==> flow/design.v <==
module core_barrel_p (clock, src, count, q);
    parameter DATA_W = 96;
    localparam SEL_W = $clog2(DATA_W);
    input clock;
    input [DATA_W-1:0] src;
    input [SEL_W-1:0] count;
    output [DATA_W-1:0] q;
    reg [DATA_W-1:0] src_s;
    reg [SEL_W-1:0] count_s;
    always @(posedge clock) begin
        src_s <= src;
        count_s <= count;
    end
    wire [2*DATA_W-1:0] nxt;
    assign nxt = {src_s, src_s} >> count_s;
    assign q = nxt[DATA_W-1:0];
endmodule
* Step by step through the tools: core_barrel_p
The steps from the RTL of core_barrel_p to its reports follow in flow order.
Lines are those of the file above, counted from 1.
Operators carry their Yosys type and port widths (W data, S select, Z words).
A cell with n/a has no value.
- Top :: core_barrel_p
- Clock port :: clock
- Library :: sky130hd
- Corner :: tt_025C_1v80

* After elaboration
Counts by Yosys on the flattened word-level netlist (proc, flatten, opt, wreduce; memories kept). Register bits leave out memories and registers merged into their read ports (data or address); mux counts leave out enables and synchronous resets folded into registers. Print and check cells are left out. Cells with the same type and inputs are merged into one.
- Output and inout port bits :: 96
- Elaborated cells :: 3
- Bits in registers :: 103
- Input port bits :: 104
- Shift-type cells :: 1
** Operators by type and width (count)
- $shr A192 B7 Y96 :: 1

* Logic depth
Yosys ltp: most cells in a row. Word level: on the elaborated netlist, between registers, memories and ports. Mapped: between sequential cells and ports; inverters and the memories' decode and read muxes count.
- Depth after elaboration :: 1
- ABC_AREA :: 0
- Depth in mapped cells :: 12

* Netlist
Source: synth_stat.txt of the flow (Yosys; design flattened, memories mapped). It holds for the ABC_AREA given above (unset counts as 0); a run with the other value may have another netlist.
** Cells by type
- sky130_fd_sc_hd__mux4_2 :: count 149, total area 3.36E+03 um^2
- sky130_fd_sc_hd__dfxtp_1 :: count 103, total area 2.06E+03 um^2
- sky130_fd_sc_hd__mux2_2 :: count 109, total area 1.23E+03 um^2
- sky130_fd_sc_hd__mux2i_1 :: count 103, total area 1.03E+03 um^2
- sky130_fd_sc_hd__nand2_1 :: count 114, total area 427.91 um^2
- sky130_fd_sc_hd__o22ai_1 :: count 67, total area 419.152 um^2
- sky130_fd_sc_hd__nor2_1 :: count 105, total area 394.128 um^2
- sky130_fd_sc_hd__o21ai_0 :: count 61, total area 305.293 um^2
- sky130_fd_sc_hd__a21oi_1 :: count 53, total area 265.254 um^2
- sky130_fd_sc_hd__a22oi_1 :: count 34, total area 255.245 um^2
- sky130_fd_sc_hd__clkbuf_1 :: count 61, total area 228.97 um^2
- sky130_fd_sc_hd__buf_2 :: count 43, total area 215.206 um^2
- sky130_fd_sc_hd__a211oi_1 :: count 25, total area 187.68 um^2
- sky130_fd_sc_hd__a22o_1 :: count 19, total area 166.41 um^2
- sky130_fd_sc_hd__a221oi_1 :: count 13, total area 113.859 um^2
- sky130_fd_sc_hd__o221ai_1 :: count 13, total area 113.859 um^2
- sky130_fd_sc_hd__o211ai_1 :: count 15, total area 112.608 um^2
- sky130_fd_sc_hd__nand3_1 :: count 21, total area 105.101 um^2
Other cell types: 52; their cells: 202.
- Buffer cells :: 136
- Flip-flop cells :: 103
- Cell count :: 1310
- Cell area after synthesis :: 12473.2 um^2

* Timing after synthesis
Source: OpenSTA report_checks on the synthesized netlist (no wires, ideal clock, input and output delay 20% of the period each), path of least setup slack; recovery checks are left aside. Register names are those of the netlist, which keeps one name where synthesis merged equal registers.
- Path kind :: register to output
- Start point :: register count_s[3]
- End point :: output q[67]
- Data required time :: 3.064 ns
- Launch time at the first pin :: 0.000 ns
- Data arrival time :: 2.452 ns
- Path delay :: 2.452 ns
- Driving pins on the path :: 9
- Clock period :: 3.83 ns
- Setup slack :: 0.612 ns
- Buffers on the path :: 3
- Period reached after synthesis :: 3.218 ns
"path delay" = arrival - input delay + setup time.
At an output port there is no setup time.
"driving pins on the path": output pins that drive a net of the path, with the launching flip-flop's if there is one; two outputs of one cell count as two.
"period reached after synthesis" = period - worst setup slack (recovery checks aside). The figure is calculated, with input and output delays left at 20% of the set period.
Between the ends stands the longest chain of elaborated cells between them, by number of cells; it is not shown to be the way that was timed. Of several equally long chains one is given.
Each line given opens the expression or statement behind the cell; cells for indexed reads and writes are added by Yosys, which also makes memories of some case tables.
- Cell sequence :: sky130_fd_sc_hd__dfxtp_1 sky130_fd_sc_hd__buf_2 sky130_fd_sc_hd__buf_2 sky130_fd_sc_hd__buf_2 sky130_fd_sc_hd__mux4_2 sky130_fd_sc_hd__mux4_2 sky130_fd_sc_hd__mux2i_1 sky130_fd_sc_hd__o22ai_1 sky130_fd_sc_hd__a211o_1
- Cells in the longest elaborated chain :: 1
- Elaborated cells on any way between the ends :: 1
- Source lines of those cells :: 1
- Classes of those cells :: shift (1)
** RTL lines, path post-synthesis
- start, declared :: line 9 : reg [SEL_W-1:0] count_s;
- start, assigned :: line 12 : count_s <= count;
- $shr A192 B7 Y96 :: line 15 : assign nxt = {src_s, src_s} >> count_s;
- end, declared :: line 7 : output [DATA_W-1:0] q;

* Path in the finished layout
From the final timing report of job 1: the path of least setup slack in the routed layout; clock arrival at registers is part of the times.
- Path kind :: register to output
- Start point :: register count_s[1]
- End point :: output q[59]
- Buffers on the path :: 5
- Clock period :: 3.83 ns
- Data arrival time :: 3.25 ns
- Data required time :: 3.06 ns
- Launch time at the first pin :: 0.35 ns
- Driving pins on the path :: 12
- Setup slack :: -0.18 ns
Between the ends stands the longest chain of elaborated cells between them, by number of cells; it is not shown to be the way that was timed. Of several equally long chains one is given.
- Cell sequence :: sky130_fd_sc_hd__dfxtp_4 sky130_fd_sc_hd__buf_8 sky130_fd_sc_hd__buf_12 sky130_fd_sc_hd__buf_4 sky130_fd_sc_hd__mux4_2 sky130_fd_sc_hd__mux2_4 sky130_fd_sc_hd__mux4_2 sky130_fd_sc_hd__buf_6 sky130_fd_sc_hd__or2_0 sky130_fd_sc_hd__nand3_1 sky130_fd_sc_hd__o21ai_1 sky130_fd_sc_hd__buf_2
- Cells in the longest elaborated chain :: 1
- Elaborated cells on any way between the ends :: 1
- Source lines of those cells :: 1
- Classes of those cells :: shift (1)
** RTL lines, path after layout
- start, declared :: line 9 : reg [SEL_W-1:0] count_s;
- start, assigned :: line 12 : count_s <= count;
- $shr A192 B7 Y96 :: line 15 : assign nxt = {src_s, src_s} >> count_s;
- end, declared :: line 7 : output [DATA_W-1:0] q;

Hand-over note for core_barrel_p

3 stored runs of core_barrel_p in the flow (synthesis by Yosys, layout by OpenROAD, sky130hd cells), in arbitrary order. Constraints: input delay and output delay 20% of the set period each, output load 0.01 pF.
"period achieved" = clock period - worst setup slack. The figure is calculated, with input and output delays left at 20% of the set period.
"allowed time less slack (worst setup path)": the worst setup path's part of the clock period (all of it between registers, 20% less for each end at a port) less its slack. A launch clock that arrives late makes it longer, a capture clock that arrives late makes it shorter.
By "power" is meant OpenSTA's value without simulated activity: inputs other than the clock are taken to toggle once in ten clock periods, and the tool carries that through the logic.

** Job 1
- Settings :: period_ns=3.83; CAP_MARGIN=20; CORE_MARGIN=2; CORE_UTILIZATION=40; SLEW_MARGIN=20
- Standard-cell area after layout :: 19477.4 um^2
- Smallest setup slack :: -0.183 ns
- Power :: 0.005888 W
- Period achieved :: 4.013 ns
- Utilization after layout :: 0.635
- Post-synthesis cell area :: 12473.2 um^2
- Area inside the die boundary :: 32610.9 um^2
- Summed negative setup slack :: -2.137 ns
- Allowed time less slack (worst setup path) :: 3.25 ns
- Critical path kind :: register to output

** Job 2
- Settings :: period_ns=3.8; CORE_UTILIZATION=19; SETUP_SLACK_MARGIN=-0.31; HOLD_SLACK_MARGIN=0.0; CORE_MARGIN=6; TNS_END_PERCENT=35; CAP_MARGIN=10; MAX_ROUTING_LAYER=met5; SLEW_MARGIN=20
- Standard-cell area after layout :: 19118.3 um^2
- Smallest setup slack :: -0.345 ns
- Power :: 0.005762 W
- Period achieved :: 4.145 ns
- Utilization after layout :: 0.296
- Post-synthesis cell area :: 12473.2 um^2
- Area inside the die boundary :: 71942.0 um^2
- Summed negative setup slack :: -18.985 ns
- Allowed time less slack (worst setup path) :: 3.39 ns
- Critical path kind :: register to output

** Job 3
- Settings :: period_ns=5.41; CORE_UTILIZATION=56; SETUP_SLACK_MARGIN=0.32; PLACE_DENSITY_LB_ADDON=0.08; CORE_ASPECT_RATIO=1.2; CORE_MARGIN=3; TNS_END_PERCENT=85; GPL_TIMING_DRIVEN=1; CAP_MARGIN=15; SLEW_MARGIN=20
- Standard-cell area after layout :: 15083.2 um^2
- Smallest setup slack :: 0.303 ns
- Power :: 0.003509 W
- Period achieved :: 5.107 ns
- Utilization after layout :: 0.693
- Post-synthesis cell area :: 12473.2 um^2
- Area inside the die boundary :: 24107.5 um^2
- Summed negative setup slack :: 0.000 ns
- Allowed time less slack (worst setup path) :: 4.03 ns
- Critical path kind :: register to output

End of note.
